==> flow/design.v <==
module cmp_unit_stage #(
   parameter WD = 7
) (
   input wire ck,
   input wire nrst,
   input wire [WD-1:0] i_x,
   input wire [WD-1:0] i_y,
   output reg [WD-1:0] o_low,
   output reg [WD-1:0] o_high
);
   reg [WD-1:0] x_reg;
   always @(posedge ck or negedge nrst) begin
      if (!nrst) begin
         x_reg <= 0;
      end else begin
         x_reg <= i_x;
      end
   end
   reg [WD-1:0] y_reg;
   always @(posedge ck or negedge nrst) begin
      if (!nrst) begin
         y_reg <= 0;
      end else begin
         y_reg <= i_y;
      end
   end
   reg r_reg;
   always @(posedge ck or negedge nrst) begin
      if (!nrst) begin
         r_reg <= 1'b0;
      end else begin
         r_reg <= (x_reg < y_reg);
      end
   end
   reg [WD-1:0] x_reg_d;
   always @(posedge ck or negedge nrst) begin
      if (!nrst) begin
         x_reg_d <= 0;
      end else begin
         x_reg_d <= x_reg;
      end
   end
   reg [WD-1:0] y_reg_d;
   always @(posedge ck or negedge nrst) begin
      if (!nrst) begin
         y_reg_d <= 0;
      end else begin
         y_reg_d <= y_reg;
      end
   end
   always @(posedge ck or negedge nrst) begin
      if (!nrst) begin
         o_low <= 0;
      end else begin
         o_low <= r_reg ? x_reg_d : y_reg_d;
      end
   end
   always @(posedge ck or negedge nrst) begin
      if (!nrst) begin
         o_high <= 0;
      end else begin
         o_high <= r_reg ? y_reg_d : x_reg_d;
      end
   end
endmodule
# ---- From RTL to reports: cmp_unit_stage
# What the tools print for cmp_unit_stage, step after step.
# Lines are those of the file above, counted from 1.
# Not given: --
dict set report design {
  top {cmp_unit_stage}
  clock {ck}
  cell_library {sky130hd}
  pvt_corner {tt_025C_1v80}
}

# ---- Word level
# Source: Yosys, flattened and elaborated, memories not mapped. Widths are those after wreduce; folded enables and synchronous resets count as part of the registers. Registers that Yosys merges into a memory's read port (data or address) are not register bits. Print and check cells do not count. Equal cells are merged and count once.
dict set report op_classes {
  muxes 2
  cmp 1
}
# op n
set ops {}
lappend ops {{two-way mux 7 bit} 2}
lappend ops {{less-than comparator 7 bit} 1}
dict set report bits {
  wordCells 10
  output_inout_bits 14
  inputBits 16
  register_bits 43
}

# ---- Longest topological paths
# Longest topological path by Yosys (ltp), each cell counted once; first at word level (registers and memories cut), then after technology mapping (sequential cells cut; the memories' decode and read muxes count).
dict set report depth {
  depth_word 1
  ABC_AREA 1
  depth_mapped 7
  depth_no_buf 7
}

# ---- Synthesis result
# Source: synth_stat.txt of the flow (Yosys; design flattened, memories mapped). It holds for the ABC_AREA given above (unset counts as 0); a run with the other value may have another netlist.
# Totals and module areas in this step are rounded.
dict set report mapped {
  seqArea_mm2 0.0011
  ffs 43
  n_buf 3
  yosys_area_mm2 0.0015
  stdcells 111
}
# type n
set types {}
lappend types {sky130_fd_sc_hd__dfrtp_1 43}
lappend types {sky130_fd_sc_hd__ha_1 6}
lappend types {sky130_fd_sc_hd__inv_1 17}
lappend types {sky130_fd_sc_hd__a21oi_2 7}
lappend types {sky130_fd_sc_hd__o21ai_2 7}
lappend types {sky130_fd_sc_hd__nand2_2 7}
lappend types {sky130_fd_sc_hd__buf_12 2}
lappend types {sky130_fd_sc_hd__nand2_1 10}
lappend types {sky130_fd_sc_hd__nor2_1 8}
lappend types {sky130_fd_sc_hd__a21oi_1 3}
lappend types {sky130_fd_sc_hd__buf_6 1}

# ---- Timing after synthesis
# Path of least setup slack by OpenSTA after synthesis, without wires, with an ideal clock, recovery checks aside; 20% of the period is set as input and as output delay. Where synthesis merged equal registers, the netlist keeps one of their names.
dict set report synth_timing {
  kind {reg-to-reg}
  start {reg x_reg[6]}
  end {reg r_reg}
  arrival_ns 0.946
  path_delay_ns 1.023
  path_buffers 0
  setup_time_ns 0.077
  tclk_ns 1.3
  driving_pins 7
  setup_slack_ns 0.277
  period_less_setup_slack_ns 1.023
}
# "path_delay_ns" is the arrival time less input delay plus setup time.
# "driving_pins" counts driving pins, that of a launching flip-flop among them; a cell with two outputs on the path counts twice.
# "period_less_setup_slack_ns" = period - worst setup slack (recovery checks aside). The figure is calculated, with input and output delays left at 20% of the set period.
# The rows between start and end are the longest chain of elaborated cells between them; the timing report does not say that the signal goes this way. Where chains are equally long, one stands for them.
# Each line given opens the expression or statement behind the cell; cells for indexed reads and writes are added by Yosys, which also makes memories of some case tables.
dict set report synth_between {
  path_cell_list {sky130_fd_sc_hd__dfrtp_1 > sky130_fd_sc_hd__ha_1 > sky130_fd_sc_hd__nand2_1 > sky130_fd_sc_hd__inv_1 > sky130_fd_sc_hd__nand2_1 > sky130_fd_sc_hd__nand2_1 > sky130_fd_sc_hd__a21oi_1}
  elab_chain_len 1
}
# element line
set synth_lines {}
lappend synth_lines {{from (decl)} 11} ;# reg [WD-1:0] x_reg;
lappend synth_lines {{from (assign)} 14} ;# x_reg <= 0;
lappend synth_lines {{from (assign)} 16} ;# x_reg <= i_x;
lappend synth_lines {{less-than comparator 7 bit} 32} ;# r_reg <= (x_reg < y_reg);
lappend synth_lines {{to (assign)} 30} ;# r_reg <= 1'b0;
lappend synth_lines {{to (assign)} 32}
lappend synth_lines {{to (decl)} 27} ;# reg r_reg;

# ---- Timing after layout
# From the final timing report of run A: the path of least setup slack in the routed layout; clock arrival at registers is part of the times.
dict set report layout_timing {
  kind {reg-to-output}
  start {reg o_low[2]}
  end {out o_low[2]}
  output_delay_ns 0.34
  tclk_ns 1.71
  path_buffers 1
  arrival_ns 1.32
  driving_pins 2
  setup_slack_ns 0.05
}
dict set report layout_between {
  path_cell_list {sky130_fd_sc_hd__dfrtp_1 > sky130_fd_sc_hd__clkdlybuf4s50_1}
  elab_chain_len 0
}
# element line
set layout_lines {}
lappend layout_lines {{from (decl)} 8} ;# output reg [WD-1:0] o_low,
lappend layout_lines {{from (assign)} 53} ;# o_low <= 0;
lappend layout_lines {{from (assign)} 55} ;# o_low <= r_reg ? x_reg_d : y_reg_d;
lappend layout_lines {{to (decl)} 8}

Data sheet: physical implementation of cmp_unit_stage

3 stored runs of cmp_unit_stage in the flow (synthesis by Yosys, layout by OpenROAD, sky130hd cells), in arbitrary order. Constraints: input delay and output delay 20% of the set period each, output load 0.01 pF.
By "power.total_w" is meant OpenSTA's value without simulated activity: inputs other than the clock are taken to toggle once in ten clock periods, and the tool carries that through the logic.
Values from the reports are rounded here.

[flow] run A: files
==> flow/run.sh <==
#!/bin/bash
# the make line also repeats the synthesis and layout settings of config.mk as NAME=value (left out here)
make -C /OpenROAD-flow-scripts/flow DESIGN_CONFIG=/design/flow/config.mk WORK_HOME=/design/flow/orfs CLKGATE_MAP_FILE= finish
==> flow/config.mk <==
export PLATFORM = sky130hd
export DESIGN_NAME = cmp_unit_stage
export DESIGN_NICKNAME = cmp_unit_stage
export VERILOG_FILES = /design/flow/design.v
export SDC_FILE = /design/flow/constraint.sdc
export NUM_CORES = 4
export LEC_CHECK = 0
export ABC_AREA = 1
export CAP_MARGIN = 20
export CELL_PAD_IN_SITES_DETAIL_PLACEMENT = 2
export CORE_ASPECT_RATIO = 1.12
export CORE_MARGIN = 2
export CORE_UTILIZATION = 49
export CTS_CLUSTER_SIZE = 58
export MAX_ROUTING_LAYER = met5
export SLEW_MARGIN = 20
==> flow/constraint.sdc <==
create_clock -name core_clock -period 1.71 [get_ports {ck}]
set_input_delay 0.3420 -clock core_clock [delete_from_list [all_inputs] [get_ports {ck}]]
set_output_delay 0.3420 -clock core_clock [all_outputs]
set_load 0.01 [all_outputs]

[flow] run A: metrics
[metrics] fin_ws_ns = 0.048
[metrics] yosys.chip_area_mm2 = 0.0015
[metrics] finish.utilization_frac = 0.64
[metrics] die_footprint_mm2 = 0.0036
[metrics] hold_ws_ns = 0.41
[metrics] power.total_w = 0.0021

[flow] run B: files
==> flow/run.sh <==
#!/bin/bash
# the make line also repeats the synthesis and layout settings of config.mk as NAME=value (left out here)
make -C /OpenROAD-flow-scripts/flow DESIGN_CONFIG=/design/flow/config.mk WORK_HOME=/design/flow/orfs CLKGATE_MAP_FILE= finish
==> flow/config.mk <==
export PLATFORM = sky130hd
export DESIGN_NAME = cmp_unit_stage
export DESIGN_NICKNAME = cmp_unit_stage
export VERILOG_FILES = /design/flow/design.v
export SDC_FILE = /design/flow/constraint.sdc
export NUM_CORES = 4
export LEC_CHECK = 0
export CAP_MARGIN = 20
export CELL_PAD_IN_SITES_DETAIL_PLACEMENT = 1
export CORE_MARGIN = 2
export CORE_UTILIZATION = 26
export CTS_CLUSTER_DIAMETER = 35
export CTS_CLUSTER_SIZE = 24
export GPL_TIMING_DRIVEN = 1
export HOLD_SLACK_MARGIN = 0.13
export MAX_ROUTING_LAYER = met4
export MIN_ROUTING_LAYER = met1
export PLACE_DENSITY_LB_ADDON = 0.01
export SLEW_MARGIN = 10
export TNS_END_PERCENT = 90
==> flow/constraint.sdc <==
create_clock -name core_clock -period 1.2 [get_ports {ck}]
set_input_delay 0.2400 -clock core_clock [delete_from_list [all_inputs] [get_ports {ck}]]
set_output_delay 0.2400 -clock core_clock [all_outputs]
set_load 0.01 [all_outputs]

[flow] run B: metrics
[metrics] fin_ws_ns = 0.033
[metrics] yosys.chip_area_mm2 = 0.0014
[metrics] power.total_w = 0.003
[metrics] hold_ws_ns = 0.38
[metrics] die_footprint_mm2 = 0.006
[metrics] finish.utilization_frac = 0.37

[flow] run C: files
==> flow/run.sh <==
#!/bin/bash
# the make line also repeats the synthesis and layout settings of config.mk as NAME=value (left out here)
make -C /OpenROAD-flow-scripts/flow DESIGN_CONFIG=/design/flow/config.mk WORK_HOME=/design/flow/orfs CLKGATE_MAP_FILE= finish
==> flow/config.mk <==
export PLATFORM = sky130hd
export DESIGN_NAME = cmp_unit_stage
export DESIGN_NICKNAME = cmp_unit_stage
export VERILOG_FILES = /design/flow/design.v
export SDC_FILE = /design/flow/constraint.sdc
export NUM_CORES = 4
export LEC_CHECK = 0
export CAP_MARGIN = 20
export CORE_MARGIN = 2
export CORE_UTILIZATION = 40
export SLEW_MARGIN = 20
==> flow/constraint.sdc <==
create_clock -name core_clock -period 1.3 [get_ports {ck}]
set_input_delay 0.2600 -clock core_clock [delete_from_list [all_inputs] [get_ports {ck}]]
set_output_delay 0.2600 -clock core_clock [all_outputs]
set_load 0.01 [all_outputs]

[flow] run C: metrics
[metrics] die_footprint_mm2 = 0.004
[metrics] yosys.chip_area_mm2 = 0.0014
[metrics] hold_ws_ns = 0.35
[metrics] fin_ws_ns = 0.052
[metrics] power.total_w = 0.0025
[metrics] finish.utilization_frac = 0.55
